==> flow/design.v <==
module u_addsub_v2 #(
   parameter int DATA_WIDTH = 80
) (
   input logic clk_i,
   input logic rst_ni,
   input logic [DATA_WIDTH-1:0] u,
   input logic [DATA_WIDTH-1:0] v,
   input logic do_sub,
   output logic [DATA_WIDTH-1:0] result,
   output logic cout
);
   logic [DATA_WIDTH-1:0] u_d1;
   always_ff @(posedge clk_i or negedge rst_ni) begin
      if (~rst_ni) begin
         u_d1 <= '0;
      end else begin
         u_d1 <= u;
      end
   end
   logic [DATA_WIDTH-1:0] v_d1;
   always_ff @(posedge clk_i or negedge rst_ni) begin
      if (~rst_ni) begin
         v_d1 <= '0;
      end else begin
         v_d1 <= v;
      end
   end
   logic do_sub_d1;
   always_ff @(posedge clk_i or negedge rst_ni) begin
      if (~rst_ni) begin
         do_sub_d1 <= 1'b0;
      end else begin
         do_sub_d1 <= do_sub;
      end
   end
   logic [DATA_WIDTH-1:0] mid;
   assign mid = v_d1 ^ {DATA_WIDTH{do_sub_d1}};
   logic [DATA_WIDTH:0] r;
   assign r = u_d1 + mid + do_sub_d1;
   assign result = r[DATA_WIDTH-1:0];
   assign cout = r[DATA_WIDTH];
endmodule
# From RTL to reports: u_addsub_v2
# Tool output for the design above, in the order of the flow.
# Line numbers count from 1 in the design file above.
# Cell names lack the library's common part.
# Not given: --
# inputs
top	u_addsub_v2
clock_port	clk_i
cell_library	sky130hd
lib_corner	tt_025C_1v80

# Word level
# Source: Yosys, flattened and elaborated, memories not mapped. Widths are those after wreduce; folded enables and synchronous resets count as part of the registers. Registers that Yosys merges into a memory's read port (data or address) are not register bits. Print and check cells do not count. Equal cells are merged and count once.
# classes
addsub	2
logic	1
# ops
cell	n
adder 80 x 80 -> 81 bit	1
adder 81 x 1 -> 81 bit	1
bitwise XOR 80 bit	1
# bits
regBits	161
input_bits	163
output_inout_bits	81

# Depth
# Yosys ltp: most cells in a row. Word level: on the elaborated netlist, between registers, memories and ports. Mapped: between sequential cells and ports; inverters and the memories' decode and read muxes count.
# logic_depth
depth_word	3
ABC_AREA	0
ltp_mapped	16

# Netlist
# Source: synth_stat.txt of the flow (Yosys; design flattened, memories mapped). It holds for the ABC_AREA given above (unset counts as 0); a run with the other value may have another netlist.
# synth_totals
mapped_cells	985
synth_area_um2	9661.8
sequential_area_um2	4028.9
ffs	161
buffers	43
# types
type	n	area_total_um2
dfrtp_1	161	4.03E+03
ha_1	82	1.03E+03
xor2_1	107	937.149
a21oi_1	101	505.485
xnor2_1	49	429.162
nand2_1	77	289.027
o21ai_0	50	250.24
a21o_1	33	247.738
nand4_1	29	181.424
nor2_1	47	176.419
o21bai_1	14	105.101
o21a_1	13	97.594
clkbuf_1	25	93.84
inv_1	25	93.84
nor3_1	16	80.077
nand3_1	13	65.062
nor2b_1	10	62.56
a31oi_1	9	56.304
# Not listed: further types 46, cells in them 124.

# Worst setup path after synthesis
# Source: OpenSTA report_checks on the synthesized netlist (no wires, ideal clock, input and output delay 20% of the period each), path of least setup slack; recovery checks are left aside. Register names are those of the netlist, which keeps one name where synthesis merged equal registers.
# synth_path
path_kind	reg2out
startpoint	register do_sub_d1
endpoint	output port result[73]
tclk_ns	5.81
t_first_pin_ns	0.000
arrival_time_ns	3.720
required_time_ns	4.648
slack_ns	0.928
delay_ns	3.720
path_stages	15
path_buffers	3
period_less_setup_slack_ns	4.882
# "delay_ns" is the arrival time less input delay plus setup time.
# At an output port there is no setup time.
# "path_stages" counts driving pins, that of a launching flip-flop among them; a cell with two outputs on the path counts twice.
# "period_less_setup_slack_ns" = period - worst setup slack (recovery checks aside). The figure is calculated, with input and output delays left at 20% of the set period.
# The rows between start and end are the longest chain of elaborated cells between them; the timing report does not say that the signal goes this way. Where chains are equally long, one stands for them.
# A line is the first line of the expression or statement that the cell stems from. Yosys adds cells for indexed reads and writes and turns some case tables into memories.
# synth_via
path_cell_list	dfrtp_1 -> buf_2 -> buf_1 -> clkbuf_1 -> xor2_1 -> ha_1 -> nand4_1 -> or4_1 -> a21oi_2 -> o21ai_2 -> a311oi_4 -> a21o_4 -> a21oi_2 -> a22o_2 -> a211oi_1
elab_chain_len	3
# synth_lines
item	line	text
from (decl)	28	logic do_sub_d1;
from (assign)	31	do_sub_d1 <= 1'b0;
from (assign)	33	do_sub_d1 <= do_sub;
bitwise XOR 80 bit	37	assign mid = v_d1 ^ {DATA_WIDTH{do_sub_d1}};
adder 80 x 80 -> 81 bit	39	assign r = u_d1 + mid + do_sub_d1;
adder 81 x 1 -> 81 bit	39
to (decl)	9	output logic [DATA_WIDTH-1:0] result,

# Timing after layout
# From the final timing report of stored run 2: the path of least setup slack in the routed layout; clock arrival at registers is part of the times.
# layout_path
path_kind	reg2out
startpoint	register do_sub_d1
endpoint	output port result[79]
tclk_ns	6.63
t_first_pin_ns	0.44
arrival_time_ns	5.03
required_time_ns	5.30
slack_ns	0.27
path_stages	15
path_buffers	2
# The rows between start and end are the longest chain of elaborated cells between them; the timing report does not say that the signal goes this way. Where chains are equally long, one stands for them.
# layout_via
path_cell_list	dfrtp_4 -> buf_12 -> xor2_1 -> ha_1 -> a2111oi_0 -> o21ai_0 -> o2111ai_1 -> a31o_2 -> o2111ai_1 -> a21oi_2 -> o211ai_1 -> a21oi_1 -> o21ai_1 -> xor2_1 -> clkdlybuf4s50_1
elab_chain_len	3
# layout_lines
item	line	text
from (decl)	28	logic do_sub_d1;
from (assign)	31	do_sub_d1 <= 1'b0;
from (assign)	33	do_sub_d1 <= do_sub;
bitwise XOR 80 bit	37	assign mid = v_d1 ^ {DATA_WIDTH{do_sub_d1}};
adder 80 x 80 -> 81 bit	39	assign r = u_d1 + mid + do_sub_d1;
adder 81 x 1 -> 81 bit	39
to (decl)	9	output logic [DATA_WIDTH-1:0] result,

Add stored flow runs of u_addsub_v2

Below are 3 stored runs of the flow (Yosys, OpenROAD; platform sky130hd) on u_addsub_v2, each with its settings and what was measured, unordered. Constraints: input delay and output delay 20% of the set period each, output load 0.01 pF.
By "achieved_clock_period_ns" is meant the clock period of the run minus its worst setup slack. This is arithmetic on one report: input and output delays are still those of the set period (20% each).
By "timing.worst_path_ns" is meant the share of the clock period that the worst setup path is allowed (20% is reserved at inputs, 20% at outputs), minus its slack. Clock arrival times at its registers enter into it.
By "total_power_uw" is meant OpenSTA's value without simulated activity: inputs other than the clock are taken to toggle once in ten clock periods, and the tool carries that through the logic.

Stored run 1, flow files:
==> flow/run.sh <==
#!/bin/bash
# the make line also repeats the synthesis and layout settings of config.mk as NAME=value (left out here)
make -C /OpenROAD-flow-scripts/flow DESIGN_CONFIG=/design/flow/config.mk WORK_HOME=/design/flow/orfs CLKGATE_MAP_FILE= finish
==> flow/config.mk <==
export PLATFORM = sky130hd
export DESIGN_NAME = u_addsub_v2
export DESIGN_NICKNAME = u_addsub_v2
export VERILOG_FILES = /design/flow/design.v
export SDC_FILE = /design/flow/constraint.sdc
export NUM_CORES = 4
export LEC_CHECK = 0
export ABC_AREA = 0
export CAP_MARGIN = 20
export CELL_PAD_IN_SITES_DETAIL_PLACEMENT = 1
export CELL_PAD_IN_SITES_GLOBAL_PLACEMENT = 2
export CORE_MARGIN = 2
export CORE_UTILIZATION = 63
export CTS_CLUSTER_SIZE = 31
export MIN_ROUTING_LAYER = met1
export PLACE_DENSITY_LB_ADDON = 0.07
export SETUP_SLACK_MARGIN = 0.18
export SLEW_MARGIN = 20
==> flow/constraint.sdc <==
create_clock -name core_clock -period 5.35 [get_ports {clk_i}]
set_input_delay 1.0700 -clock core_clock [delete_from_list [all_inputs] [get_ports {clk_i}]]
set_output_delay 1.0700 -clock core_clock [all_outputs]
set_load 0.01 [all_outputs]

Stored run 1: no final report: placement broke off with FLW-0024

Stored run 2, flow files:
==> flow/run.sh <==
#!/bin/bash
# the make line also repeats the synthesis and layout settings of config.mk as NAME=value (left out here)
make -C /OpenROAD-flow-scripts/flow DESIGN_CONFIG=/design/flow/config.mk WORK_HOME=/design/flow/orfs CLKGATE_MAP_FILE= finish
==> flow/config.mk <==
export PLATFORM = sky130hd
export DESIGN_NAME = u_addsub_v2
export DESIGN_NICKNAME = u_addsub_v2
export VERILOG_FILES = /design/flow/design.v
export SDC_FILE = /design/flow/constraint.sdc
export NUM_CORES = 4
export LEC_CHECK = 0
export ABC_AREA = 0
export CAP_MARGIN = 20
export CORE_MARGIN = 7
export CORE_UTILIZATION = 22
export CTS_CLUSTER_DIAMETER = 139
export GPL_ROUTABILITY_DRIVEN = 0
export MAX_ROUTING_LAYER = met5
export PLACE_DENSITY = 0.49
export SLEW_MARGIN = 20
export TNS_END_PERCENT = 65
==> flow/constraint.sdc <==
create_clock -name core_clock -period 6.63 [get_ports {clk_i}]
set_input_delay 1.3260 -clock core_clock [delete_from_list [all_inputs] [get_ports {clk_i}]]
set_output_delay 1.3260 -clock core_clock [all_outputs]
set_load 0.01 [all_outputs]

==> results of stored run 2, as CSV <==
result,value
synth_chip_area_um2,9661.8
die_area_um2,49981.3
post_route_util_pct,30.8
worst_setup_slack_ns,0.274
final_setup_tns_ns,0.000
total_power_uw,3504
achieved_clock_period_ns,6.356
timing.worst_path_ns,5.03
critical_path_kind,"reg2out"

Stored run 3, flow files:
==> flow/run.sh <==
#!/bin/bash
# the make line also repeats the synthesis and layout settings of config.mk as NAME=value (left out here)
make -C /OpenROAD-flow-scripts/flow DESIGN_CONFIG=/design/flow/config.mk WORK_HOME=/design/flow/orfs CLKGATE_MAP_FILE= finish
==> flow/config.mk <==
export PLATFORM = sky130hd
export DESIGN_NAME = u_addsub_v2
export DESIGN_NICKNAME = u_addsub_v2
export VERILOG_FILES = /design/flow/design.v
export SDC_FILE = /design/flow/constraint.sdc
export NUM_CORES = 4
export LEC_CHECK = 0
export CAP_MARGIN = 20
export CORE_MARGIN = 2
export CORE_UTILIZATION = 40
export SLEW_MARGIN = 20
==> flow/constraint.sdc <==
create_clock -name core_clock -period 5.81 [get_ports {clk_i}]
set_input_delay 1.1620 -clock core_clock [delete_from_list [all_inputs] [get_ports {clk_i}]]
set_output_delay 1.1620 -clock core_clock [all_outputs]
set_load 0.01 [all_outputs]

==> results of stored run 3, as CSV <==
result,value
synth_chip_area_um2,9661.8
die_area_um2,25413.1
post_route_util_pct,56.2
worst_setup_slack_ns,0.165
final_setup_tns_ns,0.000
total_power_uw,3990
achieved_clock_period_ns,5.645
timing.worst_path_ns,4.48
critical_path_kind,"reg2out"
